==> flow/design.v <==
module dp_barrel_mod #(
   parameter W = 14,
   parameter LOGN = $clog2(W)
) (
   input wire core_clk,
   input wire resetn,
   input wire step,
   input wire [W-1:0] i_din,
   input wire [LOGN-1:0] i_n,
   input wire [1:0] i_kind,
   output reg [W-1:0] o_out
);
   reg [W-1:0] tmp;
   always @(*) begin
      case (i_kind)
         2'b00: tmp = i_din << i_n;
         2'b01: tmp = i_din >> i_n;
         2'b10: tmp = $signed(i_din) >>> i_n;
         default: tmp = i_din;
      endcase
   end
   always @(posedge core_clk) begin
      if (~resetn) begin
         o_out <= 0;
      end else if (step) begin
         o_out <= tmp;
      end
   end
endmodule
# Tool chain data of dp_barrel_mod
# What the tools print for dp_barrel_mod, step after step.
# Line numbers count from 1 in the design file above.
# Library cell names are shortened.
# The mark n/a stands for no value.
# setup
design,dp_barrel_mod
clk_port,core_clk
lib,sky130hd
pvt_corner,tt_025C_1v80

# Word-level counts
# Counts by Yosys on the flattened word-level netlist (proc, flatten, opt, wreduce; memories kept). Register bits leave out memories and registers merged into their read ports (data or address); mux counts leave out enables and synchronous resets folded into registers. Print and check cells are left out. Cells with the same type and inputs are merged into one.
# bits
regBits,14
latchBits,0
ram_bits,0
romBits,0
clocked_rd_ports_x_width,0
n_memories,0
input_bits,23
output_inout_bits,14
word_cells,8
# op_classes
addsub,0
n_mul,0
div_mod_pow,0
cmp,0
eq_ne,2
shifts,3
n_mux,1
logic,0
n_reduce_logical,1
# ops
cell,n
case mux 14 bit (select 3 bit),1
left shift 14 x 4 -> 14 bit,1
>> shifter 14 x 4 -> 14 bit,1
>>> shifter 14 x 4 -> 14 bit,1
== test 2 x 1 -> 1 bit (second input constant),1
== test 2 bit (second input constant),1
logical NOT 2 bit,1

# Depth
# Yosys ltp: most cells in a row. Word level: on the elaborated netlist, between registers, memories and ports. Mapped: between sequential cells and ports; inverters and the memories' decode and read muxes count.
# logic_depth
word_depth,2
ABC_AREA,0
ltp_mapped,9
depth_no_buf,5

# Netlist
# The flow's flattened synthesis, as Yosys stat reports it; memories are mapped. The netlist is that of the ABC_AREA named above (0 if unset); the other value can give another one.
# Totals and module areas in this step are rounded.
# synth_totals
stdcells,283
synth_area_mm2,0.0022
ff_cells,14
# by_type
type,n,type_area_um2
mux4_2,13,292.781
dfxtp_1,14,280.269
mux2i_1,25,250.24
o21ai_0,26,130.125
nand2_1,26,97.594
mux2_2,8,90.086
a21oi_1,17,85.082
nor2_1,22,82.579
o22ai_1,10,62.56
clkbuf_1,14,52.55
nand2b_1,8,50.048
buf_12,2,40.038
buf_2,8,40.038
o211ai_1,5,37.536
a31oi_1,5,31.28
a211oi_1,4,30.029
nor3_1,6,30.029
o31ai_1,4,30.029
# Not listed: further types 38, cells in them 66.

# Path before layout
# OpenSTA on the mapped netlist: ideal clock, no wires. The path of least setup slack (recovery checks aside). Input and output delay are each 20% of the period. Register names are those of the netlist, which keeps one name where synthesis merged equal registers.
# synth_path
path_kind,input to register
from,in i_n[0]
to,reg o_out[3]
tclk_ps,2390
input_delay_ps,478
setup_time_ps,122
launch_ps,478
arrival_ps,1885
setup_slack_ps,383
path_delay_ps,1529
path_stages,6
path_buffers,1
period_less_setup_slack_ps,2007
# "path_delay_ps" is the arrival time less input delay plus setup time.
# "path_stages" counts driving pins, that of a launching flip-flop among them; a cell with two outputs on the path counts twice.
# "period_less_setup_slack_ps" is the clock period less the worst setup slack; recovery checks do not enter. This is arithmetic on one report: input and output delays are still those of the set period (20% each).
# Between the ends stands the longest chain of elaborated cells between them, by number of cells; it is not shown to be the way that was timed. Of several equally long chains one is given.
# A line is the first line of the expression or statement that the cell stems from. Yosys adds cells for indexed reads and writes and turns some case tables into memories.
# synth_via
cell_sequence,buf_6 > mux4_2 > nand2_1 > o31ai_1 > or3_1 > a221o_1
elab_chain_cells,2
cells_between,4
cone_lines,4
classes_between,shift (3); mux (1)
# synth_lines
item,line,rtl
start: declaration,9,"input wire [LOGN-1:0] i_n,"
>>> shifter 14 x 4 -> 14 bit,18,2'b10: tmp = $signed(i_din) >>> i_n;
case mux 14 bit (select 3 bit),15,case (i_kind)
end: assignment,24,o_out <= 0;
end: assignment,26,o_out <= tmp;
end: declaration,11,output reg [W-1:0] o_out

# Worst path after layout
# Path of least setup slack in the final report of run B (OpenROAD, finished layout, wires in). Where an end is a register, its clock arrival counts in the times.
# The path's times are printed in steps of 10 ps; the period is the one set.
# layout_path
path_kind,input to register
from,in i_n[1]
to,reg o_out[0]
tclk_ps,2390
input_delay_ps,480
setup_time_ps,110
launch_ps,480
arrival_ps,2330
setup_slack_ps,190
path_stages,7
path_buffers,2
# Between the ends stands the longest chain of elaborated cells between them, by number of cells; it is not shown to be the way that was timed. Of several equally long chains one is given.
# layout_via
cell_sequence,clkdlybuf4s50_1 > buf_12 > nor2_1 > mux2_2 > a311oi_1 > a21o_1 > o21ai_0
elab_chain_cells,2
cells_between,4
cone_lines,4
classes_between,shift (3); mux (1)
# layout_lines
item,line,rtl
start: declaration,9,"input wire [LOGN-1:0] i_n,"
>>> shifter 14 x 4 -> 14 bit,18,2'b10: tmp = $signed(i_din) >>> i_n;
case mux 14 bit (select 3 bit),15,case (i_kind)
end: assignment,24,o_out <= 0;
end: assignment,26,o_out <= tmp;
end: declaration,11,output reg [W-1:0] o_out

# Stored flow runs of dp_barrel_mod (2 of them; Yosys, OpenROAD, sky130hd). They differ in their settings and are not a sequence. Constraints: input delay and output delay 20% of the set period each, output load 0.01 pF.
# "timing.achieved_period_ps" means the clock period less the worst setup slack. The figure is calculated, with input and output delays left at 20% of the set period.
# "totalPower_w" is the tool's figure for a default switching activity; nothing was simulated.
# Measured values are rounded.
# A setting shown as n/a is not set for that run.
# Among the results, n/a means that no value is shown for the run.
setting or result,run A,run B
period_ns,1.26,2.39
CORE_UTILIZATION,72,40
SETUP_SLACK_MARGIN,0.18,n/a
PLACE_DENSITY_LB_ADDON,0.13,n/a
CORE_ASPECT_RATIO,0.7,n/a
CELL_PAD_IN_SITES_GLOBAL_PLACEMENT,1,n/a
CELL_PAD_IN_SITES_DETAIL_PLACEMENT,2,n/a
TNS_END_PERCENT,65,n/a
ABC_AREA,0,n/a
CTS_CLUSTER_SIZE,37,n/a
CTS_CLUSTER_DIAMETER,392,n/a
SLEW_MARGIN,30,20
MIN_ROUTING_LAYER,met1,n/a
MAX_ROUTING_LAYER,met4,n/a
CAP_MARGIN,20,20
CORE_MARGIN,2,2
yosys_chip_area_mm2,n/a,0.0022
design.die.area_mm2,n/a,0.0061
finalCellArea_mm2,n/a,0.003
timing.setup.ws_ps,n/a,190
worst_hold_slack_ps,n/a,470
totalPower_w,n/a,0.001
timing.achieved_period_ps,n/a,2196
# Run A: no results, placement failed with FLW-0024
